==> flow/design.v <==
module cpu_aligner_blk #(
  parameter integer WIDTH = 80,
  parameter integer LG = $clog2(WIDTH)
) (
  input  logic sys_clk,
  input  logic clr,
  input  logic step,
  input  logic [WIDTH-1:0] data,
  input  logic [LG-1:0] dist_in,
  output logic [WIDTH-1:0] y
);
  logic [WIDTH-1:0] data_ff;
  logic [LG-1:0] dist_in_ff;
  always_ff @(posedge sys_clk) begin
    if (clr) begin
      data_ff <= '0;
      dist_in_ff <= '0;
      y <= '0;
    end else if (step) begin
      data_ff <= data;
      dist_in_ff <= dist_in;
      y <= (data_ff << dist_in_ff) | (data_ff >> (WIDTH - dist_in_ff));
    end
  end
endmodule
Tool chain data of cpu_aligner_blk
What the tools print for cpu_aligner_blk, step after step.
Line numbers count from 1 in the design file above.
Library cell names are shortened.
{"block": "design", "top": "cpu_aligner_blk", "clock_port": "sys_clk", "cell_library": "sky130hd", "lib_corner": "tt_025C_1v80"}

After elaboration
Yosys after proc, flatten, opt, wreduce and memory -nomap, before mapping. Enables and synchronous resets that opt folds into registers are not counted as muxes. Memory bits, and registers merged into a memory's read port (data or address), are not among the register bits. Print and check cells are not counted. Equal cells are merged and count once.
{"block": "bits", "ff_bits": 167, "in_bits": 90, "output_inout_bits": 80, "elab_cells": 7}
{"block": "classes", "add_sub_neg": 1, "n_shift": 2, "logic": 1}
{"block": "op_table", "op": "80-bit by 32-bit right shift with 80-bit output", "count": 1}
{"block": "op_table", "op": "80-bit by 7-bit left shift with 80-bit output", "count": 1}
{"block": "op_table", "op": "80-bit bitwise OR", "count": 1}
{"block": "op_table", "op": "7-bit by 7-bit subtractor with 8-bit output with constant A", "count": 1}

Depth
Longest topological path by Yosys (ltp), each cell counted once; first at word level (registers and memories cut), then after technology mapping (sequential cells cut; the memories' decode and read muxes count).
{"block": "logic_depth", "depth_word": 3, "ABC_AREA": 0, "depth_mapped": 18, "depth_no_buf": 8}

After synthesis
The flow's flattened synthesis, as Yosys stat reports it; memories are mapped. The netlist is that of the ABC_AREA named above (0 if unset); the other value can give another one.
Totals and module areas in this step are rounded.
{"block": "synth_totals", "cells": 1953, "mapped_area_mm2": 0.0192, "seq_area_mm2": 0.00334, "flip_flops": 167, "buffers": 243}
{"block": "by_type", "cell_type": "mux4_2", "count": 219, "area_total_um2": 4932.23}
{"block": "by_type", "cell_type": "dfxtp_1", "count": 167, "area_total_um2": 3.34E+03}
{"block": "by_type", "cell_type": "mux2i_1", "count": 244, "area_total_um2": 2.44E+03}
{"block": "by_type", "cell_type": "mux2_2", "count": 81, "area_total_um2": 912.125}
{"block": "by_type", "cell_type": "nor2_1", "count": 243, "area_total_um2": 912.125}
{"block": "by_type", "cell_type": "nand2_1", "count": 146, "area_total_um2": 548.026}
{"block": "by_type", "cell_type": "mux4_1", "count": 18, "area_total_um2": 472.954}
{"block": "by_type", "cell_type": "clkbuf_1", "count": 116, "area_total_um2": 435.418}
{"block": "by_type", "cell_type": "a211oi_1", "count": 43, "area_total_um2": 322.81}
{"block": "by_type", "cell_type": "a21oi_1", "count": 60, "area_total_um2": 300.288}
{"block": "by_type", "cell_type": "o21ai_0", "count": 56, "area_total_um2": 280.269}
{"block": "by_type", "cell_type": "buf_2", "count": 48, "area_total_um2": 240.23}
{"block": "by_type", "cell_type": "buf_6", "count": 20, "area_total_um2": 225.216}
{"block": "by_type", "cell_type": "a22oi_1", "count": 26, "area_total_um2": 195.187}
{"block": "by_type", "cell_type": "buf_12", "count": 9, "area_total_um2": 180.173}
{"block": "by_type", "cell_type": "o22ai_1", "count": 27, "area_total_um2": 168.912}
{"block": "by_type", "cell_type": "a311oi_1", "count": 19, "area_total_um2": 166.41}
{"block": "by_type", "cell_type": "buf_4", "count": 21, "area_total_um2": 157.651}
Other cell types: 85; their cells: 390.

Timing after synthesis
Source: OpenSTA report_checks on the synthesized netlist (no wires, ideal clock, input and output delay 20% of the period each), path of least setup slack; recovery checks are left aside. Register names are those of the netlist, which keeps one name where synthesis merged equal registers.
{"block": "synth_path", "path_type": "register -> register", "start": "register dist_in_ff[0]", "end": "register y[43]", "tclk_ns": 4.65, "setup_ns": 0.125, "t_first_pin_ns": 0.000, "arrival_time_ns": 3.594, "required_time_ns": 4.525, "slack_ns": 0.930, "path_delay_ns": 3.719, "stages": 17, "n_path_buf": 9, "synth_period_reached_ns": 3.72}
"path_delay_ns" = arrival - input delay + setup time.
"stages": output pins that drive a net of the path, with the launching flip-flop's if there is one; two outputs of one cell count as two.
"synth_period_reached_ns" = period - worst setup slack (recovery checks aside). The figure is calculated, with input and output delays left at 20% of the set period.
The rows between start and end are the longest chain of elaborated cells between them; the timing report does not say that the signal goes this way. Where chains are equally long, one stands for them.
A line is the first line of the expression or statement that the cell stems from. Yosys adds cells for indexed reads and writes and turns some case tables into memories.
{"block": "synth_via", "cell_sequence": "dfxtp_1 -> buf_6 -> buf_12 -> inv_2 -> buf_6 -> buf_6 -> buf_6 -> buf_2 -> ha_1 -> buf_2 -> buf_2 -> buf_2 -> mux4_2 -> mux4_2 -> nand2_1 -> a21oi_1 -> o41a_1", "elab_chain_len": 3, "cone_cells": 4, "cone_lines": 1, "cone_classes": "1 x add/sub; 2 x shift; 1 x logic"}
{"block": "synth_rtl", "element": "start: declaration", "line_no": 13, "source": "logic [LG-1:0] dist_in_ff;"}
{"block": "synth_rtl", "element": "start: assignment", "line_no": 17, "source": "dist_in_ff <= '0;"}
{"block": "synth_rtl", "element": "start: assignment", "line_no": 21, "source": "dist_in_ff <= dist_in;"}
{"block": "synth_rtl", "element": "7-bit by 7-bit subtractor with 8-bit output", "line_no": 22, "source": "y <= (data_ff << dist_in_ff) | (data_ff >> (WIDTH - dist_in_ff));"}
{"block": "synth_rtl", "element": "80-bit by 32-bit right shift with 80-bit output", "line_no": 22}
{"block": "synth_rtl", "element": "80-bit bitwise OR", "line_no": 22}
{"block": "synth_rtl", "element": "end: assignment", "line_no": 18, "source": "y <= '0;"}
{"block": "synth_rtl", "element": "end: assignment", "line_no": 22}
{"block": "synth_rtl", "element": "end: declaration", "line_no": 10, "source": "output logic [WIDTH-1:0] y"}

Worst path after layout
From the final timing report of stored run 2: the path of least setup slack in the routed layout; clock arrival at registers is part of the times.
{"block": "layout_path", "path_type": "register -> register", "start": "register dist_in_ff[0]", "end": "register y[42]", "tclk_ns": 4.65, "setup_ns": 0.14, "t_first_pin_ns": 0.50, "arrival_time_ns": 4.38, "required_time_ns": 5.01, "slack_ns": 0.64, "stages": 9, "n_path_buf": 0}
The rows between start and end are the longest chain of elaborated cells between them; the timing report does not say that the signal goes this way. Where chains are equally long, one stands for them.
{"block": "layout_via", "cell_sequence": "dfxtp_4 -> inv_2 -> ha_4 -> mux2_2 -> mux2_2 -> mux4_2 -> o2bb2ai_1 -> o21ai_1 -> a31oi_1", "elab_chain_len": 3, "cone_cells": 4, "cone_lines": 1, "cone_classes": "1 x add/sub; 2 x shift; 1 x logic"}
{"block": "layout_rtl", "element": "start: declaration", "line_no": 13, "source": "logic [LG-1:0] dist_in_ff;"}
{"block": "layout_rtl", "element": "start: assignment", "line_no": 17, "source": "dist_in_ff <= '0;"}
{"block": "layout_rtl", "element": "start: assignment", "line_no": 21, "source": "dist_in_ff <= dist_in;"}
{"block": "layout_rtl", "element": "7-bit by 7-bit subtractor with 8-bit output", "line_no": 22, "source": "y <= (data_ff << dist_in_ff) | (data_ff >> (WIDTH - dist_in_ff));"}
{"block": "layout_rtl", "element": "80-bit by 32-bit right shift with 80-bit output", "line_no": 22}
{"block": "layout_rtl", "element": "80-bit bitwise OR", "line_no": 22}
{"block": "layout_rtl", "element": "end: assignment", "line_no": 18, "source": "y <= '0;"}
{"block": "layout_rtl", "element": "end: assignment", "line_no": 22}
{"block": "layout_rtl", "element": "end: declaration", "line_no": 10, "source": "output logic [WIDTH-1:0] y"}

Add stored flow runs of cpu_aligner_blk

Record of 2 stored runs of the RTL-to-layout flow on cpu_aligner_blk, platform sky130hd. The runs are unordered. Constraints: input delay and output delay 20% of the set period each, output load 0.01 pF.
"worst_path_ns" means the part of the period allowed to the worst setup path (the constraints hold back 20% at inputs and 20% at outputs) less its slack; where the path has registers, the arrival times of their clocks count too.
Results are given in rounded form.

{"run": "stored run 1", "settings": { "period_ns": 3.16, "CORE_UTILIZATION": 60, "SETUP_SLACK_MARGIN": 0.04, "PLACE_DENSITY_LB_ADDON": 0.22, "HOLD_SLACK_MARGIN": 0.29, "CORE_MARGIN": 5, "CELL_PAD_IN_SITES_GLOBAL_PLACEMENT": 1, "CELL_PAD_IN_SITES_DETAIL_PLACEMENT": 1, "CTS_CLUSTER_DIAMETER": 155, "SLEW_MARGIN": 15, "MIN_ROUTING_LAYER": "met2", "MAX_ROUTING_LAYER": "met5", "CAP_MARGIN": 20 }, "outcome": "incomplete, routing halted on GRT-0116"}
{"run": "stored run 2", "settings": { "period_ns": 4.65, "CAP_MARGIN": 20, "CORE_MARGIN": 2, "CORE_UTILIZATION": 40, "SLEW_MARGIN": 20 }, "results": { "die_area_mm2": 0.0497, "setup_ws_ns": 0.636, "synthArea_mm2": 0.0192, "worst_path_ns": 4.01, "critical_path_kind": "register -> register", "total_negative_slack_ns": 0.000, "final_hold_ws_ns": 0.483, "layout_stdcell_area_mm2": 0.0218 }}
